==> flow/design.v <==
module ex_shift #(
  parameter integer DWIDTH = 64,
  parameter integer SEL_W = $clog2(DWIDTH)
) (
  input clk_i,
  input rst_n,
  input [DWIDTH-1:0] bus_i,
  input [SEL_W-1:0] count_i,
  output [DWIDTH-1:0] data_out_o
);
  reg [DWIDTH-1:0] r_bus;
  reg [SEL_W-1:0] r_count;
  always @(posedge clk_i) begin
    if (!rst_n) begin
      r_bus <= 0;
      r_count <= 0;
    end else begin
      r_bus <= bus_i;
      r_count <= count_i;
    end
  end
  reg [DWIDTH-1:0] r;
  integer idx;
  always @(*) begin
    r = r_bus;
    for (idx = 0; idx < SEL_W; idx = idx + 1)
      if (r_count[idx]) r = r >> (1 << idx);
  end
  reg [DWIDTH-1:0] r_data_out;
  always @(posedge clk_i) begin
    if (!rst_n) begin
      r_data_out <= 0;
    end else begin
      r_data_out <= r;
    end
  end
  assign data_out_o = r_data_out;
endmodule
======== From RTL to reports: ex_shift ========
The steps from the RTL of ex_shift to its reports follow in flow order.
Lines are those of the file above, counted from 1.
Cell names lack the library's common part.
Not given: -
inputs
  top ..................................... ex_shift
  clock input ............................. clk_i
  standard-cell library ................... sky130hd
  timing corner ........................... tt_025C_1v80

======== Elaborated design ========
Source: Yosys, flattened and elaborated, memories not mapped. Widths are those after wreduce. Registers that Yosys merges into a memory's read port (data or address) are not register bits. Print and check cells do not count. Equal cells are merged and count once.
storage and ports
  register bits ........................... 134
  bits of input ports ..................... 72
  output and inout port bits .............. 64
  elaborated cells ........................ 12
cells by class
  multiplexer cells ....................... 6
  bitwise logic cells ..................... 1
  reduce/logical cells .................... 1
operators by type and width
  kind                count
  64-bit 2-to-1 mux   5
  32-bit 2-to-1 mux   1
  2-bit OR reduction  1
  1-bit NOT           1

======== Logic depth ========
Depth = most cells in a row (Yosys ltp): at word level without a register or memory, in the mapped netlist without a sequential cell, where the memories' decode and read muxes count.
depth
  depth after elaboration ................. 6
  ABC_AREA ................................ 0
  depth in mapped cells ................... 9
  mapped depth without buffers ............ 5

======== Netlist ========
Source: synth_stat.txt of the flow (Yosys; design flattened, memories mapped). It holds for the ABC_AREA given above (unset counts as 0); a run with the other value may have another netlist.
mapped netlist
  standard cells after synthesis .......... 724
  synthesis area .......................... 7552.2 µm²
  sequential area ......................... 2682.6 µm²
  flip-flop cells ......................... 134
  buffer cells ............................ 59
cell types
  type      count  total area (µm²)
  dfxtp_1   134    2.68E+03
  mux4_2    60     1.35E+03
  mux2i_1   93     930.893
  and2_1    81     506.736
  nor2_1    61     228.97
  nand2_1   58     217.709
  mux2_2    19     213.955
  clkbuf_1  30     112.608
  buf_6     8      90.086
  a211oi_1  11     82.579
  buf_2     16     80.077
  a22oi_1   10     75.072
  a21oi_1   14     70.067
  o21ai_0   14     70.067
  o221ai_1  8      70.067
  a32oi_1   7      61.309
  a221o_1   6      60.058
  o22ai_1   9      56.304
Not listed: further types 38, cells in them 85.

======== Worst setup path after synthesis ========
Source: OpenSTA report_checks on the synthesized netlist (no wires, ideal clock, input and output delay 20% of the period each), path of least setup slack; recovery checks are left aside. Register names are those of the netlist, which keeps one name where synthesis merged equal registers.
timing post-synthesis
  path kind ............................... register -> register
  start point ............................. register r_count[2]
  end point ............................... register r_data_out[2]
  period .................................. 2550 ps
  library setup time ...................... 122 ps
  time at the first pin ................... 0 ps
  arrival ................................. 1918 ps
  data required time ...................... 2428 ps
  slack ................................... 510 ps
  path delay .............................. 2040 ps
  stages on the path ...................... 7
  buffers on the path ..................... 2
  period reached after synthesis .......... 2040 ps
"path delay" is the arrival time less input delay plus setup time.
"stages on the path": output pins that drive a net of the path, with the launching flip-flop's if there is one; two outputs of one cell count as two.
"period reached after synthesis" is the clock period less the worst setup slack; recovery checks do not enter. This is arithmetic on one report: input and output delays are still those of the set period (20% each).
The rows between start and end are the longest chain of elaborated cells between them; the timing report does not say that the signal goes this way. Where chains are equally long, one stands for them.
Each line given opens the expression or statement behind the cell; cells for indexed reads and writes are added by Yosys, which also makes memories of some case tables.
on the way, post-synthesis
  path through ............................ dfxtp_1 > buf_2 > buf_2 > mux4_2 > mux2_4 > a221o_1 > a221o_1
  length of the longest elaborated chain .. 4
  elaborated cells between the ends (all ways) .. 4
  source lines of those cells ............. 1
  those cells by class .................... mux (4)
ends and longest elaborated chain, post-synthesis
  item                  RTL line  text
  start: declaration    12        reg [SEL_W-1:0] r_count;
  start: assignment     16        r_count <= 0;
  start: assignment     19        r_count <= count_i;
  64-bit 2-to-1 mux x3  27        if (r_count[idx]) r = r >> (1 << idx);
  32-bit 2-to-1 mux     27
  end: assignment       32        r_data_out <= 0;
  end: assignment       34        r_data_out <= r;
  end: declaration      29        reg [DWIDTH-1:0] r_data_out;

======== Worst path after layout ========
Path of least setup slack in the final report of entry B (OpenROAD, finished layout, wires in). Where an end is a register, its clock arrival counts in the times.
The report prints the path's times to 10 ps; the period is as set.
timing after layout
  path kind ............................... register -> register
  start point ............................. register r_count[2]
  end point ............................... register r_data_out[3]
  period .................................. 2550 ps
  library setup time ...................... 110 ps
  time at the first pin ................... 420 ps
  arrival ................................. 2740 ps
  data required time ...................... 2860 ps
  slack ................................... 120 ps
  stages on the path ...................... 8
  buffers on the path ..................... 2
The rows between start and end are the longest chain of elaborated cells between them; the timing report does not say that the signal goes this way. Where chains are equally long, one stands for them.
on the way, after layout
  path through ............................ dfxtp_4 > buf_12 > buf_4 > mux4_2 > and2_1 > a31oi_1 > o21ai_1 > a221o_1
  length of the longest elaborated chain .. 4
  elaborated cells between the ends (all ways) .. 4
  source lines of those cells ............. 1
  those cells by class .................... mux (4)
ends and longest elaborated chain, after layout
  item                  RTL line  text
  start: declaration    12        reg [SEL_W-1:0] r_count;
  start: assignment     16        r_count <= 0;
  start: assignment     19        r_count <= count_i;
  64-bit 2-to-1 mux x3  27        if (r_count[idx]) r = r >> (1 << idx);
  32-bit 2-to-1 mux     27
  end: assignment       32        r_data_out <= 0;
  end: assignment       34        r_data_out <= r;
  end: declaration      29        reg [DWIDTH-1:0] r_data_out;

3 stored runs of ex_shift in the flow (synthesis by Yosys, layout by OpenROAD, sky130hd cells), in arbitrary order. Constraints: input delay and output delay 20% of the set period each, output load 0.01 pF.
"period achieved" means the clock period less the worst setup slack. The figure is calculated, with input and output delays left at 20% of the set period.
"time used up by the worst setup path" = time allowed to the worst setup path (clock period - input delay - output delay, where it has them) - its slack; a late launch clock adds to it, a late capture clock takes from it.
"power consumption" is the tool's figure for a default switching activity; nothing was simulated.
"time used up by the worst setup path" is given in steps of 10 ps.

======== entry A ========
==> flow/run.sh <==
#!/bin/bash
# the make line also repeats the synthesis and layout settings of config.mk as NAME=value (left out here)
make -C /OpenROAD-flow-scripts/flow DESIGN_CONFIG=/design/flow/config.mk WORK_HOME=/design/flow/orfs CLKGATE_MAP_FILE= finish
==> flow/config.mk <==
export PLATFORM = sky130hd
export DESIGN_NAME = ex_shift
export DESIGN_NICKNAME = ex_shift
export VERILOG_FILES = /design/flow/design.v
export SDC_FILE = /design/flow/constraint.sdc
export NUM_CORES = 4
export LEC_CHECK = 0
export CAP_MARGIN = 20
export CELL_PAD_IN_SITES_DETAIL_PLACEMENT = 1
export CORE_MARGIN = 2
export CORE_UTILIZATION = 60
export PLACE_DENSITY_LB_ADDON = 0.22
export SETUP_SLACK_MARGIN = 0.15
export SLEW_MARGIN = 20
export TNS_END_PERCENT = 70
==> flow/constraint.sdc <==
create_clock -name core_clock -period 1.71 [get_ports {clk_i}]
set_input_delay 0.3420 -clock core_clock [delete_from_list [all_inputs] [get_ports {clk_i}]]
set_output_delay 0.3420 -clock core_clock [all_outputs]
set_load 0.01 [all_outputs]

-------- entry A --------
  unfinished; error DPL-0033 in placement

======== entry B ========
==> flow/run.sh <==
#!/bin/bash
# the make line also repeats the synthesis and layout settings of config.mk as NAME=value (left out here)
make -C /OpenROAD-flow-scripts/flow DESIGN_CONFIG=/design/flow/config.mk WORK_HOME=/design/flow/orfs CLKGATE_MAP_FILE= finish
==> flow/config.mk <==
export PLATFORM = sky130hd
export DESIGN_NAME = ex_shift
export DESIGN_NICKNAME = ex_shift
export VERILOG_FILES = /design/flow/design.v
export SDC_FILE = /design/flow/constraint.sdc
export NUM_CORES = 4
export LEC_CHECK = 0
export CAP_MARGIN = 20
export CORE_MARGIN = 2
export CORE_UTILIZATION = 40
export SLEW_MARGIN = 20
==> flow/constraint.sdc <==
create_clock -name core_clock -period 2.55 [get_ports {clk_i}]
set_input_delay 0.5100 -clock core_clock [delete_from_list [all_inputs] [get_ports {clk_i}]]
set_output_delay 0.5100 -clock core_clock [all_outputs]
set_load 0.01 [all_outputs]

-------- measured, entry B --------
  utilization of the finished layout ...... 54.8%
  power consumption ....................... 6.477 mW
  final setup TNS ......................... 0 ps
  worst setup slack after layout .......... 120 ps
  period achieved ......................... 2430 ps
  time used up by the worst setup path .... 2430 ps
  critical path kind ...................... register -> register
  area of the die ......................... 19995.4 µm²
  post-synthesis cell area ................ 7552.2 µm²
  lowest hold slack ....................... 415 ps
  standard-cell area after layout ......... 10219.8 µm²

======== entry C ========
==> flow/run.sh <==
#!/bin/bash
# the make line also repeats the synthesis and layout settings of config.mk as NAME=value (left out here)
make -C /OpenROAD-flow-scripts/flow DESIGN_CONFIG=/design/flow/config.mk WORK_HOME=/design/flow/orfs CLKGATE_MAP_FILE= finish
==> flow/config.mk <==
export PLATFORM = sky130hd
export DESIGN_NAME = ex_shift
export DESIGN_NICKNAME = ex_shift
export VERILOG_FILES = /design/flow/design.v
export SDC_FILE = /design/flow/constraint.sdc
export NUM_CORES = 4
export LEC_CHECK = 0
export CAP_MARGIN = 20
export CELL_PAD_IN_SITES_DETAIL_PLACEMENT = 0
export CORE_ASPECT_RATIO = 1.82
export CORE_MARGIN = 9
export CORE_UTILIZATION = 61
export CTS_CLUSTER_SIZE = 17
export GPL_TIMING_DRIVEN = 1
export PLACE_DENSITY_LB_ADDON = 0.05
export SETUP_SLACK_MARGIN = 0.2
export SLEW_MARGIN = 20
export TNS_END_PERCENT = 20
==> flow/constraint.sdc <==
create_clock -name core_clock -period 2.35 [get_ports {clk_i}]
set_input_delay 0.4700 -clock core_clock [delete_from_list [all_inputs] [get_ports {clk_i}]]
set_output_delay 0.4700 -clock core_clock [all_outputs]
set_load 0.01 [all_outputs]

-------- measured, entry C --------
  utilization of the finished layout ...... 86.6%
  power consumption ....................... 7.150 mW
  final setup TNS ......................... 0 ps
  worst setup slack after layout .......... 4 ps
  period achieved ......................... 2346 ps
  time used up by the worst setup path .... 2350 ps
  critical path kind ...................... register -> register
  area of the die ......................... 16890.9 µm²
  post-synthesis cell area ................ 7552.2 µm²
  lowest hold slack ....................... 515 ps
  standard-cell area after layout ......... 10417.5 µm²
